==> flow/design.v <==
module my_switch_n #(
    parameter WD = 20,
    parameter N = 7,
    parameter SEL_W = $clog2(N)
) (
    input  ck,
    input  srst,
    input  [N*WD-1:0] val,
    input  [SEL_W-1:0] idx,
    output [WD-1:0] dout
);
    reg [N*WD-1:0] val_r;
    reg [SEL_W-1:0] idx_r;
    wire [WD-1:0] vec [0:N-1];
    genvar k;
    generate
        for (k = 0; k < N; k = k + 1) begin : u_g
            assign vec[k] = val_r[k*WD +: WD];
        end
    endgenerate
    assign dout = vec[idx_r];
    always @(posedge ck or posedge srst) begin
        if (srst) begin
            val_r <= 0;
            idx_r <= 0;
        end else begin
            val_r <= val;
            idx_r <= idx;
        end
    end
endmodule
== Reports on my_switch_n ==
Tool output for the design above, in the order of the flow.
Lines are those of the file above, counted from 1.
Operators: Yosys type, input widths -> output width; for muxes data width and select width s.
The mark -- stands for no value.
Set-up
  top module: my_switch_n
  clock input: ck
  cell library: sky130hd
  library corner: tt_025C_1v80

== Elaborated design ==
Source: Yosys, flattened and elaborated. Widths are those after wreduce; folded enables and synchronous resets count as part of the registers. Registers that Yosys merges into a memory's read port (data or address) are not register bits. Print and check cells do not count. Equal cells are merged and count once.
Storage and ports
  flip-flop bits (word level): 143
  input bits: 145
  output and inout bits: 20
  elaborated cells: 10
Cells by class
  eq/ne operators: 6
  mux-type cells: 1
  reductions and logical operators: 1
Operators with widths (number)
  $pmux 20 s7: 1
  $eq 3x3->1 const B: 3
  $eq 3x2->1 const B: 2
  $eq 3x1->1 const B: 1
  $logic_not 3->1: 1

== Depth ==
Depth = most cells in a row (Yosys ltp): at word level without a register or memory, in the mapped netlist without a sequential cell, where the memories' decode and read muxes count.
Logic depth
  word-level depth: 2
  ABC_AREA: 0
  mapped depth: 5
  depth with buffers taken out: 3

== After synthesis ==
Yosys stat after the flow's synthesis: flattened, memories mapped to cells. It holds for the ABC_AREA given above (unset counts as 0); a run with the other value may have another netlist.
Synthesis totals
  mapped cells: 285
  cell area after synthesis: 4948.5 µm²
  sequential area: 3578.4 µm²
  flip-flops: 143
  buffer cells: 17
Cell types
  sky130_fd_sc_hd__dfrtp_1: number 143, area in all 3.58E+03 µm²
  sky130_fd_sc_hd__mux2i_1: number 40, area in all 400.384 µm²
  sky130_fd_sc_hd__mux2_4: number 19, area in all 285.274 µm²
  sky130_fd_sc_hd__mux2_1: number 21, area in all 236.477 µm²
  sky130_fd_sc_hd__a221o_1: number 20, area in all 200.192 µm²
  sky130_fd_sc_hd__o22ai_1: number 20, area in all 125.12 µm²
  sky130_fd_sc_hd__buf_6: number 3, area in all 33.782 µm²
  sky130_fd_sc_hd__buf_2: number 5, area in all 25.024 µm²
  sky130_fd_sc_hd__clkbuf_1: number 6, area in all 22.522 µm²
  sky130_fd_sc_hd__nand2b_1: number 2, area in all 12.512 µm²
  sky130_fd_sc_hd__buf_1: number 2, area in all 7.507 µm²
  sky130_fd_sc_hd__buf_4: number 1, area in all 7.507 µm²
  sky130_fd_sc_hd__and2_1: number 1, area in all 6.256 µm²
  sky130_fd_sc_hd__inv_1: number 1, area in all 3.754 µm²
  sky130_fd_sc_hd__nor2_1: number 1, area in all 3.754 µm²

== Path before layout ==
Path of least setup slack by OpenSTA after synthesis, without wires, with an ideal clock, recovery checks aside; 20% of the period is set as input and as output delay. Where synthesis merged equal registers, the netlist keeps one of their names.
Timing path after synthesis
  path type: register to output
  start point: register idx_r[1]
  end point: output dout[10]
  period: 2030 ps
  launch time at the first pin: 0 ps
  arrival time: 1299 ps
  data required time: 1624 ps
  setup slack: 325 ps
  delay of the path: 1299 ps
  stages: 5
  synthesis period reached: 1705 ps
"delay of the path" is the arrival time less input delay plus setup time.
At an output port there is no setup time.
"stages" counts driving pins, that of a launching flip-flop among them; a cell with two outputs on the path counts twice.
"synthesis period reached" is the clock period less the worst setup slack; recovery checks do not enter. This is arithmetic on one report: input and output delays are still those of the set period (20% each).
The rows between start and end are the longest chain of elaborated cells between them; the timing report does not say that the signal goes this way. Where chains are equally long, one stands for them.
A line is the first line of the expression or statement that the cell stems from. Yosys adds cells for indexed reads and writes and turns some case tables into memories.
On the way, after synthesis
  path through: sky130_fd_sc_hd__dfrtp_1 -> sky130_fd_sc_hd__buf_6 -> sky130_fd_sc_hd__buf_2 -> sky130_fd_sc_hd__mux2_1 -> sky130_fd_sc_hd__a221o_1
  length of the longest elaborated chain: 2
  elaborated cells on any way between the ends: 8
  RTL lines with such cells: 1
Ends and longest elaborated chain, after synthesis
  from (decl): line 13  | reg [SEL_W-1:0] idx_r;
  from (assign): line 25  | idx_r <= 0;
  from (assign): line 28  | idx_r <= idx;
  $eq 3x3->1: line 21  | assign dout = vec[idx_r];
  $pmux 20 s7: line 21
  to (decl): line 10  | output [WD-1:0] dout

== Timing after layout ==
Path of least setup slack in the final report of flow run A (OpenROAD, finished layout, wires in). Where an end is a register, its clock arrival counts in the times.
The path's times are printed in steps of 10 ps; the period is the one set.
Timing path post-layout
  path type: register to output
  start point: register idx_r[1]
  end point: output dout[7]
  period: 3100 ps
  launch time at the first pin: 410 ps
  arrival time: 2240 ps
  data required time: 2480 ps
  setup slack: 240 ps
  stages: 8
The rows between start and end are the longest chain of elaborated cells between them; the timing report does not say that the signal goes this way. Where chains are equally long, one stands for them.
On the way, post-layout
  path through: sky130_fd_sc_hd__dfrtp_4 -> sky130_fd_sc_hd__buf_4 -> sky130_fd_sc_hd__buf_12 -> sky130_fd_sc_hd__buf_12 -> sky130_fd_sc_hd__mux2i_1 -> sky130_fd_sc_hd__o22ai_1 -> sky130_fd_sc_hd__a221o_1 -> sky130_fd_sc_hd__dlygate4sd2_1
  length of the longest elaborated chain: 2
  elaborated cells on any way between the ends: 8
  RTL lines with such cells: 1
Ends and longest elaborated chain, post-layout
  from (decl): line 13  | reg [SEL_W-1:0] idx_r;
  from (assign): line 25  | idx_r <= 0;
  from (assign): line 28  | idx_r <= idx;
  $eq 3x3->1: line 21  | assign dout = vec[idx_r];
  $pmux 20 s7: line 21
  to (decl): line 10  | output [WD-1:0] dout

Appendix: measured runs

Flow measurements of my_switch_n on sky130hd: 3 stored runs with different settings, listed in no order. Input and output delays are each 20% of the period that was set; the output load is 0.01 pF.
By "achieved clock period" is meant the clock period of the run minus its worst setup slack. This is arithmetic on one report: input and output delays are still those of the set period (20% each).
"worst setup path time" means the part of the period allowed to the worst setup path (the constraints hold back 20% at inputs and 20% at outputs) less its slack; where the path has registers, the arrival times of their clocks count too.
"power" rests on the timing tool's default activity at the inputs, not on a simulated workload.
"worst setup path time" is given in steps of 10 ps.
[flow run A] settings: period_ns=3.1, CORE_UTILIZATION=28, SETUP_SLACK_MARGIN=0.29, PLACE_DENSITY_LB_ADDON=0.21, CORE_MARGIN=7, GPL_ROUTABILITY_DRIVEN=0, CAP_MARGIN=15, SLEW_MARGIN=20
[flow run A] result: chip area after synthesis (Yosys) 4948.5 µm², die area 21591.4 µm², standard-cell area of the final layout 7811.2 µm², utilization 45.2 %, worst setup slack after layout 240 ps, total negative slack 0 ps, worst hold slack 636 ps, power 4506 µW, achieved clock period 2860 ps, worst setup path time 2240 ps, worst setup path kind register to output
[flow run B] settings: period_ns=2.03, CAP_MARGIN=20, CORE_MARGIN=2, CORE_UTILIZATION=40, SLEW_MARGIN=20
[flow run B] result: chip area after synthesis (Yosys) 4948.5 µm², die area 13276.8 µm², standard-cell area of the final layout 7768.7 µm², utilization 64.4 %, worst setup slack after layout -412 ps, total negative slack -7484 ps, worst hold slack 422 ps, power 6739 µW, achieved clock period 2442 ps, worst setup path time 2040 ps, worst setup path kind register to output
[flow run C] settings: period_ns=3.02, CORE_UTILIZATION=70, PLACE_DENSITY=0.81, CORE_ASPECT_RATIO=0.66, CELL_PAD_IN_SITES_GLOBAL_PLACEMENT=0, TNS_END_PERCENT=35, ABC_AREA=0, GPL_ROUTABILITY_DRIVEN=1, CAP_MARGIN=30, CORE_MARGIN=2, SLEW_MARGIN=20
[flow run C] result: did not finish, placement stopped with GPL-0301
